==> flow/design.v <==
module ram_block_rtl #(
   parameter int NREGS = 12,
   parameter int WD = 24,
   parameter int RP = 1,
   parameter int ADDR_W = $clog2(NREGS)
) (
   input logic clk_i,
   input logic wen,
   input logic [ADDR_W-1:0] wsel,
   input logic [WD-1:0] write_data,
   input logic [RP*ADDR_W-1:0] rsel,
   output logic [RP*WD-1:0] rd
);
   logic [NREGS*WD-1:0] ram;
   generate
      for (genvar g = 0; g < NREGS; g++) begin : each
         always_ff @(posedge clk_i)
            if (wen && wsel == g) ram[g*WD +: WD] <= write_data;
      end
   endgenerate
   logic [RP*WD-1:0] work;
   always_comb begin
      work = '0;
      for (int j = 0; j < RP; j++) begin
         for (int n = 0; n < NREGS; n++)
            work[j*WD +: WD] = work[j*WD +: WD] | (ram[n*WD +: WD] & {WD{rsel[j*ADDR_W +: ADDR_W] == n}});
      end
   end
   assign rd = work;
endmodule
Wiki page: ram_block_rtl / tool data

* Step by step through the tools: ram_block_rtl
A sweep over "RP": the same steps for each member of the family.
The file above is the member RP = 1. Line numbers count from 1 in each member's own file.
Operators: Yosys type, input widths -> output width; for muxes data width and select width s.
Library cell names are shortened.
Not given: -
- Top :: ram_block_rtl
- Clock port :: clk_i
- Library :: sky130hd
- Timing corner :: tt_025C_1v80

* Members of the sweep
New or changed lines of each further member against the RTL above, in its own file; lines it lacks are not shown.
** Lines new or changed
- RP 3 :: RTL line 4 : parameter int RP = 3,
- RP 6 :: RTL line 4 : parameter int RP = 6,

* Word-level counts
Source: Yosys, flattened and elaborated, memories not mapped. Widths are those after wreduce; folded enables and synchronous resets count as part of the registers. Registers that Yosys merges into a memory's read port (data or address) are not register bits. Print and check cells do not count. Equal cells are merged and count once.
** Storage and ports
- RP 1 :: cells after elaboration 71, flip-flop bits (word level) 288
- RP 3 :: cells after elaboration 141, flip-flop bits (word level) 288
- RP 6 :: cells after elaboration 246, flip-flop bits (word level) 288
** Cells by class
- RP 1 :: reductions and logical operators 14, equality and inequality tests 22, bitwise logic cells 23
- RP 3 :: reductions and logical operators 16, equality and inequality tests 44, bitwise logic cells 69
- RP 6 :: reductions and logical operators 19, equality and inequality tests 77, bitwise logic cells 138
** Operators with widths (kind and count)
- RP 1 :: $and 24x24->24: 12; $or 24x24->24: 11; $eq 4x3->1 const B: 8; $eq 4x4->1 const B: 8; $eq 4x2->1 const B: 4; $logic_and 1x1->1: 12; $eq 4x1->1 const B: 2; $logic_not 4->1: 2
- RP 3 :: $and 24x24->24: 36; $or 24x24->24: 33; $eq 4x3->1 const B: 16; $eq 4x4->1 const B: 16; $eq 4x2->1 const B: 8; $eq 4x1->1 const B: 4; $logic_not 4->1: 4; $logic_and 1x1->1: 12
- RP 6 :: $and 24x24->24: 72; $or 24x24->24: 66; $eq 4x3->1 const B: 28; $eq 4x4->1 const B: 28; $eq 4x2->1 const B: 14; $eq 4x1->1 const B: 7; $logic_not 4->1: 7; $logic_and 1x1->1: 12

* Depth
Depth = most cells in a row (Yosys ltp): at word level without a register or memory, in the mapped netlist without a sequential cell, where the memories' decode and read muxes count.
** Depth
- RP 1 :: word-level depth 13, ABC_AREA 0, depth in mapped cells 7
- RP 3 :: word-level depth 13, ABC_AREA 0, depth in mapped cells 8
- RP 6 :: word-level depth 13, ABC_AREA 0, depth in mapped cells 8

* Mapped cells and area
Source: synth_stat.txt of the flow (Yosys; design flattened, memories mapped). It holds for the ABC_AREA given above (unset counts as 0); a run with the other value may have another netlist.
The area totals of this step are shown rounded.
** Cell types (type and count)
- RP 1 :: edfxtp_1: 288; a22oi_1: 49; mux2_2: 24; a22o_1: 25; mux2i_1: 15; a32oi_1: 16; o22ai_1: 19; mux4_2: 4; o221ai_1: 10; buf_2: 16; nand2_1: 20; nor2b_1: 10; a221oi_1: 7; nor2_1: 16; buf_4: 7; o32ai_1: 6; buf_6: 4; or3_1: 7; [+93]
- RP 3 :: edfxtp_1: 288; a22oi_1: 126; mux2_2: 62; a22o_1: 58; mux2i_1: 44; a221oi_1: 50; a32oi_1: 47; mux4_2: 15; buf_2: 64; nor2_1: 61; nor2b_1: 36; a32o_1: 18; o21ai_0: 35; a21oi_1: 30; o22ai_1: 24; nand2_1: 36; buf_4: 17; o211ai_1: 17; [+293]
- RP 6 :: edfxtp_1: 288; a22oi_1: 279; mux2i_1: 125; mux2_2: 96; a22o_1: 114; a32oi_1: 79; buf_2: 130; mux4_2: 27; o22ai_1: 83; a221oi_1: 57; nand2_1: 109; nor2b_1: 62; nor2_1: 78; o2bb2ai_1: 33; a222oi_1: 28; a32o_1: 27; a21oi_1: 53; clkbuf_1: 68; [+574]
A list marked [+n] leaves out that many cells.
** Mapped netlist
- RP 1 :: synthesis area 11200 µm², cells in the netlist 636, flip-flop cells 288, buffer cells 40, sequential area 8650 µm²
- RP 3 :: synthesis area 16200 µm², cells in the netlist 1321, flip-flop cells 288, buffer cells 128, sequential area 8650 µm²
- RP 6 :: synthesis area 23600 µm², cells in the netlist 2310, flip-flop cells 288, buffer cells 240, sequential area 8650 µm²

* Worst setup path after synthesis
Path of least setup slack by OpenSTA after synthesis, without wires, with an ideal clock, recovery checks aside; 20% of the period is set as input and as output delay. Where synthesis merged equal registers, the netlist keeps one of their names.
** Timing after synthesis
- RP 1 :: path type input-to-reg, from in wsel[3], to reg ram[0], driving pins on the path 2, path delay 2.619 ns, slack 0.653 ns, clock period 4.09 ns, period reached after synthesis 3.437 ns
- RP 3 :: path type input-to-reg, from in wsel[2], to reg ram[0], driving pins on the path 2, path delay 2.619 ns, slack 0.653 ns, clock period 4.09 ns, period reached after synthesis 3.437 ns
- RP 6 :: path type input-to-reg, from in wsel[2], to reg ram[0], driving pins on the path 2, path delay 2.619 ns, slack 0.653 ns, clock period 4.09 ns, period reached after synthesis 3.437 ns
"path delay" = arrival - input delay + setup time.
"driving pins on the path" counts driving pins, that of a launching flip-flop among them; a cell with two outputs on the path counts twice.
"period reached after synthesis" = period - worst setup slack (recovery checks aside). The figure is calculated, with input and output delays left at 20% of the set period.
Between the ends stands the longest chain of elaborated cells between them, by number of cells; it is not shown to be the way that was timed. Of several equally long chains one is given.
A line is the first line of the expression or statement that the cell stems from. Yosys adds cells for indexed reads and writes and turns some case tables into memories.
Between the ends, after synthesis, RP = 1:
- Cells in the longest elaborated chain :: 2
** RTL lines, path after synthesis, RP = 1
- from (decl) :: RTL line 9 : input logic [ADDR_W-1:0] wsel,
- $logic_not 4->1 :: RTL line 18 : if (wen && wsel == g) ram[g*WD +: WD] <= write_data;
- $logic_and 1x1->1 :: RTL line 18
- to (assign) :: RTL line 18
- to (decl) :: RTL line 14 : logic [NREGS*WD-1:0] ram;
Between the ends, after synthesis, RP = 6:
- Cells in the longest elaborated chain :: 2
** RTL lines, path after synthesis, RP = 6
- from (decl) :: RTL line 9 : input logic [ADDR_W-1:0] wsel,
- $logic_not 4->1 :: RTL line 18 : if (wen && wsel == g) ram[g*WD +: WD] <= write_data;
- $logic_and 1x1->1 :: RTL line 18
- to (assign) :: RTL line 18
- to (decl) :: RTL line 14 : logic [NREGS*WD-1:0] ram;

* Path in the finished layout
From the final timing report of each member's run: the path of least setup slack in the routed layout; clock arrival at registers is part of the times.
** Timing after layout
- RP 1 :: path type input-to-output, from in rsel[3], to out rd[23], driving pins on the path 7, path buffers 3, data arrival time 3.13 ns, slack 0.15 ns, clock period 4.09 ns
- RP 3 :: path type input-to-output, from in rsel[9], to out rd[54], driving pins on the path 6, path buffers 2, data arrival time 3.22 ns, slack 0.05 ns, clock period 4.09 ns
- RP 6 :: path type input-to-output, from in rsel[2], to out rd[2], driving pins on the path 6, path buffers 3, data arrival time 3.36 ns, slack -0.09 ns, clock period 4.09 ns

* Layout results
Settings and results of one run of the flow (Yosys, OpenROAD) for each member follow. The constraints put input and output delay at 20% of the set period each and load the outputs with 0.01 pF.
- period_ns :: 4.09
- CAP_MARGIN :: 20
- CORE_MARGIN :: 2
- CORE_UTILIZATION :: 40
- SLEW_MARGIN :: 20
** Results
- RP 1 :: smallest hold slack 1.11 ns, power consumption 6340 uW, worst setup slack after layout 0.146 ns, post-route setup TNS 0.000 ns, area inside the die boundary 29400 µm², Yosys chip area after synthesis 11200 µm², standard-cell area after layout 13500 µm², utilization 0.488, achieved period 3.944 ns
- RP 3 :: smallest hold slack 1.09 ns, power consumption 7760 uW, worst setup slack after layout 0.053 ns, post-route setup TNS 0.000 ns, area inside the die boundary 42200 µm², Yosys chip area after synthesis 16200 µm², standard-cell area after layout 20200 µm², utilization 0.506, achieved period 4.037 ns
- RP 6 :: smallest hold slack 1.05 ns, power consumption 9570 uW, worst setup slack after layout -0.087 ns, post-route setup TNS -0.386 ns, area inside the die boundary 60900 µm², Yosys chip area after synthesis 23600 µm², standard-cell area after layout 30800 µm², utilization 0.524, achieved period 4.177 ns
"achieved period": clock period set for the run, less the worst setup slack. It is reckoned from that one timing run; input and output delays stay at 20% of the period that was set.
"power consumption" is the tool's figure for a default switching activity; nothing was simulated.
Values from the reports are rounded here.
